==> flow/design.v <==
module dp_add_rtl #(
    parameter DATA_W = 40
) (
    input  CLK,
    input  [DATA_W-1:0] src1_in,
    input  [DATA_W-1:0] src2_in,
    output [DATA_W-1:0] total_out,
    output cy_out
);
    reg [DATA_W-1:0] src1_s;
    always @(posedge CLK) begin
        src1_s <= src1_in;
    end
    reg [DATA_W-1:0] src2_s;
    always @(posedge CLK) begin
        src2_s <= src2_in;
    end
    reg [DATA_W-1:0] g;
    reg [DATA_W-1:0] p;
    integer t;
    always @* begin
        g = src1_s & src2_s;
        p = src1_s ^ src2_s;
        for (t = 1; t < DATA_W; t = t * 2) begin
            g = g | (p & (g << t));
            p = p & (p << t);
        end
    end
    reg [DATA_W-1:0] total_s;
    always @(posedge CLK) begin
        total_s <= src1_s ^ src2_s ^ {g[DATA_W-2:0], 1'b0};
    end
    assign total_out = total_s;
    reg cy_s;
    always @(posedge CLK) begin
        cy_s <= g[DATA_W-1];
    end
    assign cy_out = cy_s;
endmodule
Lab notebook: dp_add_rtl

Step by step through the tools: dp_add_rtl:

Tool output for the members of one design family, told apart by "DATA_W", in the order of the flow.
The file above is the member DATA_W 40. Line numbers count from 1 in each member's own file.
Operators carry their Yosys type and port widths (W data, S select, Z words).
A cell with -- has no value.

* top: dp_add_rtl
* clock port: CLK
* standard-cell library: sky130hd
* library corner: tt_025C_1v80

Source of the members:

Lines of each other member's file that are new or changed against the file above; lines that a member lacks are not shown.

Lines new or changed
* DATA_W 64: RTL line 2 `parameter DATA_W = 64`
* DATA_W 80: RTL line 2 `parameter DATA_W = 80`
* DATA_W 128: RTL line 2 `parameter DATA_W = 128`

Elaborated design:

Counts by Yosys on the flattened word-level netlist (proc, flatten, opt, wreduce; memories kept). Register bits leave out memories and registers merged into their read ports (data or address); mux counts leave out enables and synchronous resets folded into registers. Print and check cells are left out. Cells with the same type and inputs are merged into one.

Storage and ports
* DATA_W 40: flip-flop bits (word level) 121, bits of input ports 81, output and inout port bits 41, word-level cells 24
* DATA_W 64: flip-flop bits (word level) 193, bits of input ports 129, output and inout port bits 65, word-level cells 24
* DATA_W 80: flip-flop bits (word level) 241, bits of input ports 161, output and inout port bits 81, word-level cells 27
* DATA_W 128: flip-flop bits (word level) 385, bits of input ports 257, output and inout port bits 129, word-level cells 27

Cells by class (bitwise operators)
* DATA_W 40: 20
* DATA_W 64: 20
* DATA_W 80: 23
* DATA_W 128: 23

Operators by type and width (kinds with counts)
* DATA_W 40: $and A40 B40 Y40: 12; $or A40 B40 Y40: 6; $xor A40 B40 Y40: 2
* DATA_W 64: $and A64 B64 Y64: 12; $or A64 B64 Y64: 6; $xor A64 B64 Y64: 2
* DATA_W 80: $and A80 B80 Y80: 14; $or A80 B80 Y80: 7; $xor A80 B80 Y80: 2
* DATA_W 128: $and A128 B128 Y128: 14; $or A128 B128 Y128: 7; $xor A128 B128 Y128: 2

Depth:

Yosys ltp: most cells in a row. Word level: on the elaborated netlist, between registers, memories and ports. Mapped: between sequential cells and ports; inverters and the memories' decode and read muxes count.

Logic depth
* DATA_W 40: depth in word-level cells 14, ABC_AREA 0, gate-level depth with buffers 11, mapped depth without buffers 11
* DATA_W 64: depth in word-level cells 14, ABC_AREA 0, gate-level depth with buffers 12, mapped depth without buffers 12
* DATA_W 80: depth in word-level cells 16, ABC_AREA 0, gate-level depth with buffers 13, mapped depth without buffers 13
* DATA_W 128: depth in word-level cells 16, ABC_AREA 0, gate-level depth with buffers 15, mapped depth without buffers 15

Synthesis result:

Source: synth_stat.txt of the flow (Yosys; design flattened, memories mapped). It holds for the ABC_AREA given above (unset counts as 0); a run with the other value may have another netlist.

Cell types (type and count)
* DATA_W 40: sky130_fd_sc_hd__dfxtp_1: 121; sky130_fd_sc_hd__ha_1: 40; sky130_fd_sc_hd__a21oi_1: 44; sky130_fd_sc_hd__xnor2_1: 25; sky130_fd_sc_hd__nand2_1: 41; sky130_fd_sc_hd__nor2_1: 33; sky130_fd_sc_hd__o21ai_0: 18; sky130_fd_sc_hd__xor2_1: 10; sky130_fd_sc_hd__nand3_1: 17; sky130_fd_sc_hd__o21bai_1: 9; sky130_fd_sc_hd__inv_1: 16; sky130_fd_sc_hd__o21a_1: 8; sky130_fd_sc_hd__a21o_1: 7; sky130_fd_sc_hd__buf_6: 3; sky130_fd_sc_hd__a31oi_1: 5; sky130_fd_sc_hd__a211oi_1: 4; sky130_fd_sc_hd__o31ai_1: 4; sky130_fd_sc_hd__nor3_1: 5; (+48)
* DATA_W 64: sky130_fd_sc_hd__dfxtp_1: 193; sky130_fd_sc_hd__ha_1: 64; sky130_fd_sc_hd__a21oi_1: 75; sky130_fd_sc_hd__xnor2_1: 34; sky130_fd_sc_hd__xor2_1: 27; sky130_fd_sc_hd__nand2_1: 56; sky130_fd_sc_hd__a21o_1: 23; sky130_fd_sc_hd__o21ai_0: 32; sky130_fd_sc_hd__nor2_1: 39; sky130_fd_sc_hd__nand4_1: 23; sky130_fd_sc_hd__o21bai_1: 16; sky130_fd_sc_hd__clkbuf_1: 26; sky130_fd_sc_hd__inv_1: 21; sky130_fd_sc_hd__nor2b_1: 11; sky130_fd_sc_hd__o21a_1: 7; sky130_fd_sc_hd__o31ai_1: 7; sky130_fd_sc_hd__a31oi_1: 8; sky130_fd_sc_hd__and3_1: 8; (+91)
* DATA_W 80: sky130_fd_sc_hd__dfxtp_1: 241; sky130_fd_sc_hd__ha_1: 80; sky130_fd_sc_hd__a21oi_1: 103; sky130_fd_sc_hd__xnor2_1: 49; sky130_fd_sc_hd__nand2_1: 85; sky130_fd_sc_hd__o21ai_0: 51; sky130_fd_sc_hd__a21o_1: 31; sky130_fd_sc_hd__xor2_1: 26; sky130_fd_sc_hd__nor2_1: 59; sky130_fd_sc_hd__nand4_1: 23; sky130_fd_sc_hd__o21bai_1: 15; sky130_fd_sc_hd__clkbuf_1: 25; sky130_fd_sc_hd__inv_1: 24; sky130_fd_sc_hd__nor3_1: 14; sky130_fd_sc_hd__a211oi_1: 9; sky130_fd_sc_hd__o211ai_1: 9; sky130_fd_sc_hd__o21a_1: 9; sky130_fd_sc_hd__nand3_1: 13; (+97)
* DATA_W 128: sky130_fd_sc_hd__dfxtp_1: 385; sky130_fd_sc_hd__ha_1: 128; sky130_fd_sc_hd__a21oi_1: 175; sky130_fd_sc_hd__a21o_1: 102; sky130_fd_sc_hd__xnor2_1: 73; sky130_fd_sc_hd__nand2_1: 134; sky130_fd_sc_hd__xor2_1: 52; sky130_fd_sc_hd__o21ai_0: 82; sky130_fd_sc_hd__nor2_1: 104; sky130_fd_sc_hd__nand4_1: 59; sky130_fd_sc_hd__o21bai_1: 42; sky130_fd_sc_hd__clkbuf_1: 73; sky130_fd_sc_hd__inv_1: 46; sky130_fd_sc_hd__o21a_1: 17; sky130_fd_sc_hd__nand3_1: 24; sky130_fd_sc_hd__a31oi_1: 19; sky130_fd_sc_hd__nor3_1: 22; sky130_fd_sc_hd__a21boi_0: 10; (+164)

A list marked (+n) leaves out that many cells.

Synthesis totals
* DATA_W 40: cells in the netlist 458, chip area (Yosys) 4697.0 um^2, sequential part of the area 2422.3 um^2, flip-flop cells 121, buffer cells 4
* DATA_W 64: cells in the netlist 761, chip area (Yosys) 7707.4 um^2, sequential part of the area 3863.7 um^2, flip-flop cells 193, buffer cells 28
* DATA_W 80: cells in the netlist 963, chip area (Yosys) 9586.7 um^2, sequential part of the area 4824.6 um^2, flip-flop cells 241, buffer cells 27
* DATA_W 128: cells in the netlist 1711, chip area (Yosys) 16395.7 um^2, sequential part of the area 7707.4 um^2, flip-flop cells 385, buffer cells 73

Path before layout:

OpenSTA on the mapped netlist: ideal clock, no wires. The path of least setup slack (recovery checks aside). Input and output delay are each 20% of the period. Register names are those of the netlist, which keeps one name where synthesis merged equal registers.

Path after synthesis
* DATA_W 40: path type register -> register, start register src1_s[0], end register total_s[26], period 2820 ps, path slack 564 ps, stages 12, path delay 2256 ps, period reached after synthesis 2256 ps
* DATA_W 64: path type register -> register, start register src1_s[0], end register total_s[54], period 3220 ps, path slack 646 ps, stages 13, path delay 2574 ps, period reached after synthesis 2574 ps
* DATA_W 80: path type register -> register, start register src1_s[0], end register total_s[48], period 3820 ps, path slack 766 ps, stages 13, path delay 3054 ps, period reached after synthesis 3054 ps
* DATA_W 128: path type register -> register, start register src1_s[0], end register total_s[104], period 4280 ps, path slack 854 ps, stages 16, path delay 3426 ps, period reached after synthesis 3426 ps

"path delay" is the arrival time less input delay plus setup time.
"stages": output pins that drive a net of the path, with the launching flip-flop's if there is one; two outputs of one cell count as two.
"period reached after synthesis" = period - worst setup slack (recovery checks aside). The figure is calculated, with input and output delays left at 20% of the set period.
Between the ends stands the longest chain of elaborated cells between them, by number of cells; it is not shown to be the way that was timed. Of several equally long chains one is given.
Each line given opens the expression or statement behind the cell; cells for indexed reads and writes are added by Yosys, which also makes memories of some case tables.

On the way, after synthesis, DATA_W 40:
* length of the longest elaborated chain: 11

RTL lines, path after synthesis, DATA_W 40
* start, declared: RTL line 10 `reg [DATA_W-1:0] src1_s;`
* start, assigned: RTL line 12 `src1_s <= src1_in;`
* $and A40 B40 Y40: RTL line 22 `g = src1_s & src2_s;`
* $and A40 B40 Y40: RTL line 25 `g = g | (p & (g << t));`
* $or A40 B40 Y40 x3: RTL line 25
* $and A40 B40 Y40: RTL line 25
* $or A40 B40 Y40: RTL line 25
* $and A40 B40 Y40: RTL line 25
* $or A40 B40 Y40 x2: RTL line 25
* $xor A40 B40 Y40: RTL line 31 `total_s <= src1_s ^ src2_s ^ {g[DATA_W-2:0], 1'b0};`
* end, assigned: RTL line 31
* end, declared: RTL line 29 `reg [DATA_W-1:0] total_s;`

On the way, after synthesis, DATA_W 128:
* length of the longest elaborated chain: 14

RTL lines, path after synthesis, DATA_W 128
* start, declared: RTL line 10 `reg [DATA_W-1:0] src1_s;`
* start, assigned: RTL line 12 `src1_s <= src1_in;`
* $and A128 B128 Y128: RTL line 22 `g = src1_s & src2_s;`
* $and A128 B128 Y128: RTL line 25 `g = g | (p & (g << t));`
* $or A128 B128 Y128: RTL line 25
* $and A128 B128 Y128: RTL line 25
* $or A128 B128 Y128: RTL line 25
* $and A128 B128 Y128: RTL line 25
* $or A128 B128 Y128 x3: RTL line 25
* $and A128 B128 Y128: RTL line 25
* $or A128 B128 Y128: RTL line 25
* $and A128 B128 Y128: RTL line 25
* $or A128 B128 Y128: RTL line 25
* $xor A128 B128 Y128: RTL line 31 `total_s <= src1_s ^ src2_s ^ {g[DATA_W-2:0], 1'b0};`
* end, assigned: RTL line 31
* end, declared: RTL line 29 `reg [DATA_W-1:0] total_s;`

Timing after layout:

From the final timing report of the run of each member: the path of least setup slack in the routed layout; clock arrival at registers is part of the times.
The path's times are printed in steps of 10 ps; the period is the one set.

Path post-layout
* DATA_W 40: path type register -> register, start register src2_s[32], end register total_s[39], period 2820 ps, path slack 220 ps, stages 10, arrival 2900 ps, buffers on the path 0
* DATA_W 64: path type register -> register, start register src1_s[1], end register total_s[61], period 3220 ps, path slack 300 ps, stages 11, arrival 3280 ps, buffers on the path 0
* DATA_W 80: path type register -> register, start register src1_s[0], end register total_s[72], period 3820 ps, path slack 360 ps, stages 14, arrival 3880 ps, buffers on the path 0
* DATA_W 128: path type register -> register, start register src1_s[0], end register total_s[104], period 4280 ps, path slack 270 ps, stages 16, arrival 4500 ps, buffers on the path 0

Measured runs:

Settings and results of one run of the flow (Yosys, OpenROAD) for each member follow. The constraints put input and output delay at 20% of the set period each and load the outputs with 0.01 pF.

* CAP_MARGIN: 20
* CORE_MARGIN: 2
* CORE_UTILIZATION: 40
* SLEW_MARGIN: 20

Settings by member (period_ns)
* DATA_W 40: 2.82
* DATA_W 64: 3.22
* DATA_W 80: 3.82
* DATA_W 128: 4.28

Measured results
* DATA_W 40: synthesized cell area 4697.0 um^2, total die area 12624.8 um^2, standard-cell area after layout 6661.4 um^2, final utilization 58.3%, setup slack of the worst path 225 ps, setup total negative slack 0 ps, worst hold slack in the final report 440 ps, overall power 5163 µW, reached clock period 2595 ps
* DATA_W 64: synthesized cell area 7707.4 um^2, total die area 20394.7 um^2, standard-cell area after layout 10511.3 um^2, final utilization 55.8%, setup slack of the worst path 302 ps, setup total negative slack 0 ps, worst hold slack in the final report 448 ps, overall power 6353 µW, reached clock period 2918 ps
* DATA_W 80: synthesized cell area 9586.7 um^2, total die area 25220.6 um^2, standard-cell area after layout 13193.9 um^2, final utilization 56.2%, setup slack of the worst path 359 ps, setup total negative slack 0 ps, worst hold slack in the final report 440 ps, overall power 6954 µW, reached clock period 3461 ps
* DATA_W 128: synthesized cell area 16395.7 um^2, total die area 42625.7 um^2, standard-cell area after layout 22186.3 um^2, final utilization 54.6%, setup slack of the worst path 275 ps, setup total negative slack 0 ps, worst hold slack in the final report 473 ps, overall power 10545 µW, reached clock period 4005 ps

"reached clock period" means the clock period less the worst setup slack. The figure is calculated, with input and output delays left at 20% of the set period.
"overall power": no workload was simulated; the value follows from the tool's default switching activity.
